==> flow/design.v <==
module subtractor #(
   parameter int DW = 4
) (
   input logic clk,
   input logic srst,
   input logic [DW-1:0] opa_i,
   input logic [DW-1:0] opb_i,
   input logic minus_i,
   output logic [DW-1:0] diff_o
);
   logic [DW-1:0] opa_d1;
   logic [DW-1:0] opb_d1;
   logic minus_d1;
   always_ff @(posedge clk) begin
      if (srst) begin
         opa_d1 <= '0;
         opb_d1 <= '0;
         minus_d1 <= 1'b0;
      end else begin
         opa_d1 <= opa_i;
         opb_d1 <= opb_i;
         minus_d1 <= minus_i;
      end
   end
   logic [DW-1:0] val;
   always_comb begin
      if (minus_d1)
         val = opa_d1 - opb_d1;
      else
         val = opa_d1 + opb_d1;
   end
   always_ff @(posedge clk) begin
      if (srst) begin
         diff_o <= '0;
      end else begin
         diff_o <= val;
      end
   end
endmodule
Memo
Re: synthesis data of subtractor

Reports on subtractor
Module subtractor in several versions that differ in "DW"; each step lists the members.
The file above is the member DW = 4. Line numbers count from 1 in each member's own file.
Operators carry their Yosys type and port widths (W data, S select, Z words).
Library cell names are shortened.
{ "setup": {"top": "subtractor", "clock_port": "clk", "library": "sky130hd", "corner": "tt_025C_1v80"} }

Members of the sweep
Lines of each other member's file that are new or changed against the file above; lines that a member lacks are not shown.
{ "changed_lines": {"columns": ["DW", "line", "source"], "rows": [
  [14, 2, "parameter int DW = 14"],
  [56, 2, "parameter int DW = 56"],
  [64, 2, "parameter int DW = 64"],
  [128, 2, "parameter int DW = 128"]
]} }

After elaboration
Yosys after proc, flatten, opt, wreduce and memory -nomap, before mapping. Enables and synchronous resets that opt folds into registers are not counted as muxes. Memory bits, and registers merged into a memory's read port (data or address), are not among the register bits. Print and check cells are not counted. Equal cells are merged and count once.
{ "word_totals": {"columns": ["DW", "inputBits", "wordCells", "reg_bits", "output_inout_bits"], "rows": [
  [4, 11, 7, 13, 4],
  [14, 31, 7, 43, 14],
  [56, 115, 7, 169, 56],
  [64, 131, 7, 193, 64],
  [128, 259, 7, 385, 128]
]} }
{ "op_classes": {"columns": ["DW", "mux", "add_sub_neg"], "rows": [
  [4, 1, 2],
  [14, 1, 2],
  [56, 1, 2],
  [64, 1, 2],
  [128, 1, 2]
]} }
{ "op_table": {"columns": ["DW", "operators"], "rows": [
  [4, "$add A4 B4 Y4 (1); $sub A4 B4 Y4 (1); $mux W4 (1)"],
  [14, "$add A14 B14 Y14 (1); $sub A14 B14 Y14 (1); $mux W14 (1)"],
  [56, "$add A56 B56 Y56 (1); $sub A56 B56 Y56 (1); $mux W56 (1)"],
  [64, "$add A64 B64 Y64 (1); $sub A64 B64 Y64 (1); $mux W64 (1)"],
  [128, "$add A128 B128 Y128 (1); $sub A128 B128 Y128 (1); $mux W128 (1)"]
]} }

Depth
Longest topological path by Yosys (ltp), each cell counted once; first at word level (registers and memories cut), then after technology mapping (sequential cells cut; the memories' decode and read muxes count).
{ "depth": {"columns": ["DW", "depth_word", "abc_area", "ltp_mapped", "depth_no_buf"], "rows": [
  [4, 2, 0, 9, 9],
  [14, 2, 0, 12, 12],
  [56, 2, 0, 21, 20],
  [64, 2, 0, 21, 20],
  [128, 2, 0, 25, 23]
]} }

Synthesis result
The flow's flattened synthesis, as Yosys stat reports it; memories are mapped. The netlist is that of the ABC_AREA named above (0 if unset); the other value can give another one.
{ "types": {"columns": ["DW", "type_list"], "rows": [
  [4, "dfxtp_1 (13); nor2b_1 (10); ha_1 (4); inv_1 (6); fa_1 (1); xnor2_1 (2); a2111oi_2 (1); nor2_1 (4); mux2_2 (1); or3_4 (1); o2111ai_1 (1); xor2_1 (1); o21a_1 (1); nand2b_1 (1); nor3_1 (1); o21ai_0 (1); clkbuf_1 (1)"],
  [14, "dfxtp_1 (43); nor2b_1 (31); ha_1 (14); xnor2_1 (18); nor2_1 (25); a21oi_1 (9); nor3_1 (9); o21a_1 (5); xor2_1 (4); inv_1 (9); nand2_1 (6); o211ai_1 (3); fa_1 (1); clkbuf_1 (5); a41oi_2 (1); a221oi_2 (1); nand3_1 (3); o21ai_0 (3); (+20)"],
  [56, "dfxtp_1 (169); nor2b_1 (128); ha_1 (56); xnor2_1 (64); a21oi_1 (98); nor2_1 (96); a21o_1 (34); xor2_1 (21); nand2_1 (44); nor3_1 (31); inv_1 (36); clkbuf_1 (34); nand3_1 (18); o21ai_0 (17); o21bai_1 (11); a31oi_1 (13); nand4_1 (12); o21ai_1 (13); (+124)"],
  [64, "dfxtp_1 (193); nor2b_1 (145); ha_1 (64); xnor2_1 (90); a21oi_1 (118); nor2_1 (138); o21ai_0 (45); nand2_1 (56); a21o_1 (24); xor2_1 (20); clkbuf_1 (46); nor3_1 (30); inv_1 (36); nand4_1 (19); o21bai_1 (14); nand3_1 (17); a31oi_1 (12); a211oi_1 (9); (+132)"],
  [128, "dfxtp_1 (385); nor2b_1 (273); xnor2_1 (185); ha_1 (128); a21oi_1 (265); nor2_1 (353); nand2_1 (171); o21ai_0 (111); xor2_1 (56); a21o_1 (63); clkbuf_1 (111); nand4_1 (63); nor3_1 (70); o21bai_1 (42); inv_1 (56); a31oi_1 (33); nand3_1 (36); or3_1 (24); (+258)"]
]} }
The mark (+n) counts cells that are not listed.
{ "synth_totals": {"columns": ["DW", "buf_cells", "area_mm2", "seqArea_mm2", "ffs", "cell_count"], "rows": [
  [4, 1, 0.0005305, 0.0002602, 13, 50],
  [14, 5, 0.0019806, 0.0008608, 43, 210],
  [56, 43, 0.0088059, 0.0033832, 169, 1019],
  [64, 54, 0.0103011, 0.0038637, 193, 1208],
  [128, 121, 0.0217659, 0.0077074, 385, 2683]
]} }

Timing after synthesis
Source: OpenSTA report_checks on the synthesized netlist (no wires, ideal clock, input and output delay 20% of the period each), path of least setup slack; recovery checks are left aside. Register names are those of the netlist, which keeps one name where synthesis merged equal registers.
{ "synth_timing": {"columns": ["DW", "kind", "from", "to", "delay_ns", "slack_ns", "clock_period_ns", "driving_pins", "period_less_setup_slack_ns"], "rows": [
  [4, "flip-flop to flip-flop", "register opb_d1[0]", "register diff_o[3]", 1.951, 0.489, 2.44, 10, 1.951],
  [14, "flip-flop to flip-flop", "register opb_d1[4]", "register diff_o[12]", 2.428, 0.612, 3.04, 11, 2.428],
  [56, "flip-flop to flip-flop", "register opb_d1[0]", "register diff_o[49]", 4.152, 1.037, 5.19, 20, 4.153],
  [64, "flip-flop to flip-flop", "register opb_d1[17]", "register diff_o[63]", 3.893, 0.977, 4.87, 19, 3.893],
  [128, "flip-flop to flip-flop", "register opb_d1[14]", "register diff_o[102]", 5.348, 1.342, 6.69, 25, 5.348]
]} }
"delay_ns" = arrival - input delay + setup time.
"driving_pins": output pins that drive a net of the path, with the launching flip-flop's if there is one; two outputs of one cell count as two.
"period_less_setup_slack_ns" = period - worst setup slack (recovery checks aside). The figure is calculated, with input and output delays left at 20% of the set period.
The rows between start and end are the longest chain of elaborated cells between them; the timing report does not say that the signal goes this way. Where chains are equally long, one stands for them.
Each line given opens the expression or statement behind the cell; cells for indexed reads and writes are added by Yosys, which also makes memories of some case tables.
{ "synth_between_DW_4": {"elab_chain_cells": 2} }
{ "synth_lines_DW_4": {"columns": ["item", "line", "source"], "rows": [
  ["start, declared", 12, "logic [DW-1:0] opb_d1;"],
  ["start, assigned", 17, "opb_d1 <= '0;"],
  ["start, assigned", 21, "opb_d1 <= opb_i;"],
  ["$add A4 B4 Y4", 30, "val = opa_d1 + opb_d1;"],
  ["$mux W4", 27, "if (minus_d1)"],
  ["end, assigned", 34, "diff_o <= '0;"],
  ["end, assigned", 36, "diff_o <= val;"],
  ["end, declared", 9, "output logic [DW-1:0] diff_o"]
]} }
{ "synth_between_DW_128": {"elab_chain_cells": 2} }
{ "synth_lines_DW_128": {"columns": ["item", "line", "source"], "rows": [
  ["start, declared", 12, "logic [DW-1:0] opb_d1;"],
  ["start, assigned", 17, "opb_d1 <= '0;"],
  ["start, assigned", 21, "opb_d1 <= opb_i;"],
  ["$add A128 B128 Y128", 30, "val = opa_d1 + opb_d1;"],
  ["$mux W128", 27, "if (minus_d1)"],
  ["end, assigned", 34, "diff_o <= '0;"],
  ["end, assigned", 36, "diff_o <= val;"],
  ["end, declared", 9, "output logic [DW-1:0] diff_o"]
]} }

Timing after layout
Path of least setup slack in the final report of the run of each member (OpenROAD, finished layout, wires in). Where an end is a register, its clock arrival counts in the times.
{ "layout_timing": {"columns": ["DW", "kind", "from", "to", "driving_pins", "n_path_buf", "slack_ns", "clock_period_ns", "t_arrival_ns"], "rows": [
  [4, "flip-flop to flip-flop", "register opb_d1[0]", "register diff_o[3]", 10, 0, 0.38, 2.44, 2.28],
  [14, "flip-flop to flip-flop", "register opb_d1[4]", "register diff_o[12]", 11, 0, 0.43, 3.04, 2.78],
  [56, "flip-flop to flip-flop", "register opb_d1[0]", "register diff_o[49]", 20, 0, 0.42, 5.19, 5.09],
  [64, "flip-flop to flip-flop", "register opb_d1[17]", "register diff_o[63]", 17, 0, 0.35, 4.87, 4.87],
  [128, "flip-flop to flip-flop", "register opb_d1[14]", "register diff_o[112]", 23, 1, 0.32, 6.69, 6.85]
]} }

Measured runs
One run of the flow (Yosys, OpenROAD) for each member, with settings and measured results. Input and output delays are each 20% of the period that was set; the output load is 0.01 pF.
{ "settings": {"CAP_MARGIN": 20, "CORE_MARGIN": 2, "CORE_UTILIZATION": 40, "SLEW_MARGIN": 20} }
{ "settings_diff": {"columns": ["DW", "period_ns"], "rows": [
  [4, 2.44],
  [14, 3.04],
  [56, 5.19],
  [64, 4.87],
  [128, 6.69]
]} }
{ "measured": {"columns": ["DW", "ws_hold_ns", "yosys.chip_area_mm2", "die_footprint_mm2", "period_less_ws_ns", "final_cell_area_mm2", "setup_ws_ns", "util_frac", "setupTns_ns", "power_w"], "rows": [
  [4, 0.545, 0.0005305, 0.0016338, 2.061, 0.0007119, 0.379, 0.561, 0.000, 0.0004593],
  [14, 0.567, 0.0019806, 0.0055301, 2.606, 0.002575, 0.434, 0.542, 0.000, 0.001369],
  [56, 0.558, 0.0088059, 0.0232181, 4.773, 0.0114297, 0.417, 0.527, 0.000, 0.00386],
  [64, 0.532, 0.0103011, 0.027052, 4.525, 0.0131464, 0.345, 0.521, 0.000, 0.004448],
  [128, 0.569, 0.0217659, 0.0562971, 6.375, 0.0278229, 0.315, 0.517, 0.000, 0.007024]
]} }
"period_less_ws_ns" means the clock period less the worst setup slack. The figure is calculated, with input and output delays left at 20% of the set period.
"power_w": no workload was simulated; the value follows from the tool's default switching activity.
